==> flow/design.v <==
module u_registers_top #(
    parameter DEPTH = 48,
    parameter DW = 40,
    parameter AW = $clog2(DEPTH),
    parameter SLICES = DW / 8
) (
    input wire clk,
    input wire clk_en,
    input wire [SLICES-1:0] in_mask,
    input wire [AW-1:0] in_wr_addr,
    input wire [DW-1:0] in_d,
    input wire [AW-1:0] in_raddr,
    output reg [DW-1:0] out_rdata
);
    reg [SLICES-1:0] mask_s;
    reg [AW-1:0] wr_addr_s;
    reg [DW-1:0] d_s;
    reg [DW-1:0] gpr [0:DEPTH-1];
    integer n;
    always @(posedge clk) begin
        for (n = 0; n < SLICES; n = n + 1)
            if (clk_en && mask_s[n]) gpr[wr_addr_s][8*n +: 8] <= d_s[8*n +: 8];
    end
    reg [AW-1:0] raddr_s;
    always @(posedge clk) begin
        if (clk_en) begin
            mask_s <= in_mask;
            wr_addr_s <= in_wr_addr;
            d_s <= in_d;
            raddr_s <= in_raddr;
            out_rdata <= gpr[raddr_s];
        end
    end
endmodule
# == From RTL to reports: u_registers_top ==
# The steps from the RTL of u_registers_top to its reports follow in flow order.
# Lines are those of the file above, counted from 1.
# Operators: Yosys type, input widths -> output width; for muxes data width and select width s.
# Cell names lack the library's common part.
# A cell with n/a has no value.
# design
top_module,u_registers_top
clock,clk
cell_library,sky130hd
corner,tt_025C_1v80

# == Elaborated design ==
# Yosys after proc, flatten, opt, wreduce and memory -nomap, before mapping. Memory bits, and registers merged into a memory's read port (data or address), are not among the register bits. Print and check cells are not counted. Equal cells are merged and count once.
# Yosys's memory passes give these memory sizes; they may raise the number of words (mostly to a power of two), join words into wider ones and drop unused or constant bits.
# op_classes
add_sub_neg,0
multipliers,0
div,0
cmp,0
equal,0
n_shift,0
muxes,10
n_logic,0
reduce_logical,5
# ops
op,count
$mux 40,5
$logic_and 1x1->1,5
$mux 1,5
# bits
ff_bits,57
latch_bits,0
ram_bits,1920
mem_bits_ro,0
clocked_rd_ports_x_width,40
n_memories,1
input_bits,59
out_inout_bits,40
elab_cells,20
# mem_list
memory,size,width,rd,wr,line_no,rtl
gpr,48,40,1,1,18,reg [DW-1:0] gpr [0:DEPTH-1];

# == Depth ==
# Longest topological path by Yosys (ltp), each cell counted once; first at word level (registers and memories cut), then after technology mapping (sequential cells cut; the memories' decode and read muxes count).
# logic_depth
word_depth,2
abc_area,0
ltp_mapped,9
ltp_nobuf,5

# == Netlist ==
# The flow's flattened synthesis, as Yosys stat reports it; memories are mapped. The netlist is that of the ABC_AREA named above (0 if unset); the other value can give another one.
# synth_totals
mapped_cells,3937
synth_area_mm2,0.078175
sequential_area_mm2,0.0605681
ff_cells,2017
# by_type
cell_type,count
edfxtp_1,2017
mux2i_1,640
mux4_2,200
a22oi_1,160
nor2_1,243
a221oi_1,80
a22o_1,80
o41ai_2,40
clkbuf_1,132
buf_6,40
a21oi_1,80
nand2_1,96
buf_4,41
o22ai_1,40
buf_2,14
buf_1,15
nor3b_1,6
and3b_1,3
# Other cell types: 7; their cells: 10.

# == Path before layout ==
# Path of least setup slack by OpenSTA after synthesis, without wires, with an ideal clock, recovery checks aside; 20% of the period is set as input and as output delay. Where synthesis merged equal registers, the netlist keeps one of their names.
# synth_timing
path_kind,register to register
start,reg raddr_s[1]
end,reg out_rdata[0]
clock_period_ps,2780
setup_time_ps,280
t_first_pin_ps,0
arrival_time_ps,1941
path_slack_ps,560
delay_ps,2221
path_stages,8
path_buffers,3
period_less_setup_slack_ps,2220
# "delay_ps" = arrival - input delay + setup time.
# "path_stages" counts driving pins, that of a launching flip-flop among them; a cell with two outputs on the path counts twice.
# "period_less_setup_slack_ps" = period - worst setup slack (recovery checks aside). The figure is calculated, with input and output delays left at 20% of the set period.
# synth_via
cell_sequence,edfxtp_1 > buf_2 > buf_2 > clkbuf_1 > mux4_2 > mux4_2 > nand2_1 > o41ai_2
# synth_rtl
element,line_no,rtl
start: declaration,24,reg [AW-1:0] raddr_s;
start: assignment,30,raddr_s <= in_raddr;
end: declaration,13,output reg [DW-1:0] out_rdata
# Chain of elaborated cells between the ends: none given.

# == Timing after layout ==
# Path of least setup slack in the final report of job 1 (OpenROAD, finished layout, wires in). Where an end is a register, its clock arrival counts in the times.
# The report prints the path's times to 10 ps; the period is as set.
# layout_timing
path_kind,register to register
start,reg raddr_s[0]
end,reg out_rdata[4]
clock_period_ps,2780
setup_time_ps,180
t_first_pin_ps,830
arrival_time_ps,3380
path_slack_ps,50
path_stages,9
path_buffers,3
# layout_via
cell_sequence,edfxtp_1 > buf_12 > buf_12 > buf_12 > mux2i_1 > a22o_1 > a221oi_1 > o22ai_1 > o41ai_2
# layout_rtl
element,line_no,rtl
start: declaration,24,reg [AW-1:0] raddr_s;
start: assignment,30,raddr_s <= in_raddr;
end: declaration,13,output reg [DW-1:0] out_rdata
# Chain of elaborated cells between the ends: none given.

## Implementation results

Design u_registers_top on sky130hd. What follows are 3 stored runs of the flow, each under its own settings; their order means nothing. The constraints put input and output delay at 20% of the set period each and load the outputs with 0.01 pF.
"critical_path_time_ps" = time allowed to the worst setup path (clock period - input delay - output delay, where it has them) - its slack; a late launch clock adds to it, a late capture clock takes from it.
"totalPower_uw" rests on the timing tool's default activity at the inputs, not on a simulated workload.
"critical_path_time_ps" is given in steps of 10 ps.

Job 1, flow files:
==> flow/run.sh <==
#!/bin/bash
# the make line also repeats the synthesis and layout settings of config.mk as NAME=value (left out here)
make -C /OpenROAD-flow-scripts/flow DESIGN_CONFIG=/design/flow/config.mk WORK_HOME=/design/flow/orfs CLKGATE_MAP_FILE= finish
==> flow/config.mk <==
export PLATFORM = sky130hd
export DESIGN_NAME = u_registers_top
export DESIGN_NICKNAME = u_registers_top
export VERILOG_FILES = /design/flow/design.v
export SDC_FILE = /design/flow/constraint.sdc
export NUM_CORES = 4
export LEC_CHECK = 0
export CAP_MARGIN = 20
export CORE_MARGIN = 2
export CORE_UTILIZATION = 40
export SLEW_MARGIN = 20
==> flow/constraint.sdc <==
create_clock -name core_clock -period 2.78 [get_ports {clk}]
set_input_delay 0.5560 -clock core_clock [delete_from_list [all_inputs] [get_ports {clk}]]
set_output_delay 0.5560 -clock core_clock [all_outputs]
set_load 0.01 [all_outputs]

==> results of job 1, as CSV <==
result,value
die_mm2,0.198992
synth_area_mm2,0.078175
critical_path_time_ps,2730
worst_setup_path_type,"register to register"
fin_ws_ps,48
stdcell_area_mm2,0.0919219
totalPower_uw,65822
finish.utilization_pct,47.2

Job 2, flow files:
==> flow/run.sh <==
#!/bin/bash
# the make line also repeats the synthesis and layout settings of config.mk as NAME=value (left out here)
make -C /OpenROAD-flow-scripts/flow DESIGN_CONFIG=/design/flow/config.mk WORK_HOME=/design/flow/orfs CLKGATE_MAP_FILE= finish
==> flow/config.mk <==
export PLATFORM = sky130hd
export DESIGN_NAME = u_registers_top
export DESIGN_NICKNAME = u_registers_top
export VERILOG_FILES = /design/flow/design.v
export SDC_FILE = /design/flow/constraint.sdc
export NUM_CORES = 4
export LEC_CHECK = 0
export CAP_MARGIN = 20
export CELL_PAD_IN_SITES_GLOBAL_PLACEMENT = 0
export CORE_MARGIN = 2
export CORE_UTILIZATION = 32
export CTS_CLUSTER_DIAMETER = 159
export GPL_ROUTABILITY_DRIVEN = 1
export PLACE_DENSITY_LB_ADDON = 0.26
export SLEW_MARGIN = 20
==> flow/constraint.sdc <==
create_clock -name core_clock -period 2.05 [get_ports {clk}]
set_input_delay 0.4100 -clock core_clock [delete_from_list [all_inputs] [get_ports {clk}]]
set_output_delay 0.4100 -clock core_clock [all_outputs]
set_load 0.01 [all_outputs]

==> results of job 2, as CSV <==
result,value
die_mm2,0.248268
synth_area_mm2,0.078175
critical_path_time_ps,2580
worst_setup_path_type,"register to register"
fin_ws_ps,-533
stdcell_area_mm2,0.0967603
totalPower_uw,90553
finish.utilization_pct,39.8

Job 3, flow files:
==> flow/run.sh <==
#!/bin/bash
# the make line also repeats the synthesis and layout settings of config.mk as NAME=value (left out here)
make -C /OpenROAD-flow-scripts/flow DESIGN_CONFIG=/design/flow/config.mk WORK_HOME=/design/flow/orfs CLKGATE_MAP_FILE= finish
==> flow/config.mk <==
export PLATFORM = sky130hd
export DESIGN_NAME = u_registers_top
export DESIGN_NICKNAME = u_registers_top
export VERILOG_FILES = /design/flow/design.v
export SDC_FILE = /design/flow/constraint.sdc
export NUM_CORES = 4
export LEC_CHECK = 0
export CAP_MARGIN = 0
export CORE_ASPECT_RATIO = 0.69
export CORE_MARGIN = 2
export CORE_UTILIZATION = 21
export CTS_CLUSTER_DIAMETER = 324
export GPL_TIMING_DRIVEN = 1
export HOLD_SLACK_MARGIN = -0.02
export MAX_ROUTING_LAYER = met4
export PLACE_DENSITY_LB_ADDON = 0.27
export SETUP_SLACK_MARGIN = 1.23
export SLEW_MARGIN = 0
export TNS_END_PERCENT = 90
==> flow/constraint.sdc <==
create_clock -name core_clock -period 4.17 [get_ports {clk}]
set_input_delay 0.8340 -clock core_clock [delete_from_list [all_inputs] [get_ports {clk}]]
set_output_delay 0.8340 -clock core_clock [all_outputs]
set_load 0.01 [all_outputs]

==> results of job 3, as CSV <==
result,value
die_mm2,0.377245
synth_area_mm2,0.078175
critical_path_time_ps,3140
worst_setup_path_type,"register to register"
fin_ws_ps,1026
stdcell_area_mm2,0.0929404
totalPower_uw,43110
finish.utilization_pct,25.0
